==> flow/design.v <==
module ex_add_sub #(
    parameter XLEN = 6
) (
    input wire aclk,
    input wire rst_n,
    input wire valid,
    input wire [XLEN-1:0] i_opa,
    input wire [XLEN-1:0] i_opb,
    output reg [XLEN-1:0] o_result
);
    reg [XLEN-1:0] r_opa;
    reg [XLEN-1:0] r_opb;
    always @(posedge aclk or negedge rst_n) begin
        if (~rst_n) begin
            r_opa <= 0;
            r_opb <= 0;
        end else if (valid) begin
            r_opa <= i_opa;
            r_opb <= i_opb;
        end
    end
    wire [XLEN:0] tmp = r_opa - r_opb;
    always @(posedge aclk or negedge rst_n) begin
        if (~rst_n) begin
            o_result <= 0;
        end else if (valid) begin
            o_result <= tmp[XLEN] ? {XLEN{1'b0}} : tmp[XLEN-1:0];
        end
    end
endmodule
======== Step by step through the tools: ex_add_sub ========
Tool output for the design above, in the order of the flow.
Line numbers count from 1 in the design file above.
Library cell names are shortened.
The mark n/a stands for no value.
design
  top module .............................. ex_add_sub
  clock port .............................. aclk
  standard-cell library ................... sky130hd
  corner .................................. tt_025C_1v80

======== Word level ========
Source: Yosys, flattened and elaborated, memories not mapped. Widths are those after wreduce; folded enables and synchronous resets count as part of the registers. Registers that Yosys merges into a memory's read port (data or address) are not register bits. Print and check cells do not count. Equal cells are merged and count once.
bit counts
  bits in registers ....................... 18
  input bits .............................. 15
  output and inout port bits .............. 6
  elaborated cells ........................ 5
operators by class
  add/subtract/negate cells ............... 1
  mux-type cells .......................... 1
operator list
  kind                       count
  subtractor 6 x 6 -> 7 bit  1
  2-to-1 mux 6 bit           1

======== Longest topological paths ========
Yosys ltp: most cells in a row. Word level: on the elaborated netlist, between registers, memories and ports. Mapped: between sequential cells and ports; inverters and the memories' decode and read muxes count.
depth
  word-level depth ........................ 2
  ABC_AREA ................................ 1
  gate-level depth with buffers ........... 10
  gate-level depth less buffers ........... 10

======== After synthesis ========
Source: synth_stat.txt of the flow (Yosys; design flattened, memories mapped). It holds for the ABC_AREA given above (unset counts as 0); a run with the other value may have another netlist.
cells by type
  cell     count  area in all (sq um)
  dfrtp_1  18     450.432
  nand2_1  53     198.941
  ha_1     6      75.072
  inv_1    14     52.55
  o21ai_0  9      45.043
  nand3_1  5      25.024
  fa_1     1      20.019
  buf_2    3      15.014
  nor3b_2  1      12.512
  a21oi_1  2      10.01
  xnor2_1  1      8.758
  xor2_1   1      8.758
  a21o_1   1      7.507
  nor2_1   2      7.507
  nand4_1  1      6.256
  nor2_2   1      6.256
synthesis totals
  mapped cells ............................ 119
  synthesis area .......................... 949.7 sq um
  sequential area ......................... 450.4 sq um
  flip-flop cells ......................... 18

======== Timing after synthesis ========
Source: OpenSTA report_checks on the synthesized netlist (no wires, ideal clock, input and output delay 20% of the period each), path of least setup slack; recovery checks are left aside. Register names are those of the netlist, which keeps one name where synthesis merged equal registers.
timing after synthesis
  path kind ............................... register to register
  start ................................... register r_opa[0]
  end ..................................... register o_result[5]
  clock period ............................ 2.11 ns
  time at the first pin ................... 0.000 ns
  arrival ................................. 1.404 ns
  setup slack ............................. 0.590 ns
  path delay .............................. 1.520 ns
  stages .................................. 10
  buffers on the path ..................... 0
  period reached after synthesis .......... 1.52 ns
"path delay" = arrival - input delay + setup time.
"stages" counts driving pins, that of a launching flip-flop among them; a cell with two outputs on the path counts twice.
"period reached after synthesis" = period - worst setup slack (recovery checks aside). The figure is calculated, with input and output delays left at 20% of the set period.
The rows between start and end are the longest chain of elaborated cells between them; the timing report does not say that the signal goes this way. Where chains are equally long, one stands for them.
A line is the first line of the expression or statement that the cell stems from. Yosys adds cells for indexed reads and writes and turns some case tables into memories.
on the way, after synthesis
  cell sequence ........................... dfrtp_1 inv_1 ha_1 inv_1 fa_1 nor3b_2 nor2_1 nor2_2 nand2_1 nand2_1
  cells in the longest elaborated chain ... 2
RTL lines, path after synthesis
  what                       line  RTL
  from (decl)                11    reg [XLEN-1:0] r_opa;
  from (assign)              15    r_opa <= 0;
  from (assign)              18    r_opa <= i_opa;
  subtractor 6 x 6 -> 7 bit  22    wire [XLEN:0] tmp = r_opa - r_opb;
  2-to-1 mux 6 bit           27    o_result <= tmp[XLEN] ? {XLEN{1'b0}} : tmp[XLEN-1:0];
  to (assign)                25    o_result <= 0;
  to (assign)                27
  to (decl)                  9     output reg [XLEN-1:0] o_result

======== Worst path after layout ========
From the final timing report of entry A: the path of least setup slack in the routed layout; clock arrival at registers is part of the times.
timing after layout
  path kind ............................... register to register
  start ................................... register r_opa[0]
  end ..................................... register o_result[3]
  clock period ............................ 1.27 ns
  time at the first pin ................... 0.29 ns
  arrival ................................. 1.71 ns
  setup slack ............................. -0.24 ns
  stages .................................. 10
  buffers on the path ..................... 0
The rows between start and end are the longest chain of elaborated cells between them; the timing report does not say that the signal goes this way. Where chains are equally long, one stands for them.
on the way, after layout
  cell sequence ........................... dfrtp_1 inv_2 ha_4 inv_2 fa_2 nor3b_4 nor2_1 nor2_2 nand2_1 nand2_1
  cells in the longest elaborated chain ... 2
RTL lines, path after layout
  what                       line  RTL
  from (decl)                11    reg [XLEN-1:0] r_opa;
  from (assign)              15    r_opa <= 0;
  from (assign)              18    r_opa <= i_opa;
  subtractor 6 x 6 -> 7 bit  22    wire [XLEN:0] tmp = r_opa - r_opb;
  2-to-1 mux 6 bit           27    o_result <= tmp[XLEN] ? {XLEN{1'b0}} : tmp[XLEN-1:0];
  to (assign)                25    o_result <= 0;
  to (assign)                27
  to (decl)                  9     output reg [XLEN-1:0] o_result

Wiki page: ex_add_sub / flow data

Measured results for ex_add_sub: 3 stored runs of the Yosys and OpenROAD flow on sky130hd. The settings differ; the order carries no meaning. The constraints put input and output delay at 20% of the set period each and load the outputs with 0.01 pF.
"achieved clock period" means the clock period less the worst setup slack. The figure is calculated, with input and output delays left at 20% of the set period.
"critical path time" = time allowed to the worst setup path (clock period - input delay - output delay, where it has them) - its slack; a late launch clock adds to it, a late capture clock takes from it.
"total power after layout" rests on the timing tool's default activity at the inputs, not on a simulated workload.

---- entry A ----
settings
  period_ns = 1.27
  CORE_UTILIZATION = 30
  SETUP_SLACK_MARGIN = 0.08
  PLACE_DENSITY_LB_ADDON = 0.05
  TNS_END_PERCENT = 30
  ABC_AREA = 1
  GPL_ROUTABILITY_DRIVEN = 0
  CAP_MARGIN = 35
  MIN_ROUTING_LAYER = met2
  MAX_ROUTING_LAYER = met5
  CORE_MARGIN = 2
  SLEW_MARGIN = 20
results
  critical path time ...................... 1.51 ns
  worst path kind ......................... register to register
  final utilization ....................... 0.447
  Yosys chip area after synthesis ......... 949.7 sq um
  total die area .......................... 3631.9 sq um
  final setup TNS ......................... -1.339 ns
  achieved clock period ................... 1.508 ns
  total power after layout ................ 0.001523 W
  smallest setup slack .................... -0.238 ns
  area of the standard cells in the finished layout .. 1353.8 sq um

---- entry B ----
settings
  period_ns = 2.11
  CAP_MARGIN = 20
  CORE_MARGIN = 2
  CORE_UTILIZATION = 40
  SLEW_MARGIN = 20
results
  critical path time ...................... 1.81 ns
  worst path kind ......................... register to register
  final utilization ....................... 0.552
  Yosys chip area after synthesis ......... 953.4 sq um
  total die area .......................... 2789.9 sq um
  final setup TNS ......................... 0.000 ns
  achieved clock period ................... 1.810 ns
  total power after layout ................ 0.0009469 W
  smallest setup slack .................... 0.300 ns
  area of the standard cells in the finished layout .. 1233.7 sq um

---- entry C ----
settings
  period_ns = 2.1
  CORE_UTILIZATION = 48
  SETUP_SLACK_MARGIN = 0.05
  PLACE_DENSITY_LB_ADDON = 0.24
  ABC_AREA = 1
  CTS_CLUSTER_SIZE = 78
  CAP_MARGIN = 20
  CORE_MARGIN = 2
  SLEW_MARGIN = 20
results
  critical path time ...................... 1.65 ns
  worst path kind ......................... register to register
  final utilization ....................... 0.628
  Yosys chip area after synthesis ......... 949.7 sq um
  total die area .......................... 2350.3 sq um
  final setup TNS ......................... 0.000 ns
  achieved clock period ................... 1.653 ns
  total power after layout ................ 0.000871 W
  smallest setup slack .................... 0.447 ns
  area of the standard cells in the finished layout .. 1206.2 sq um
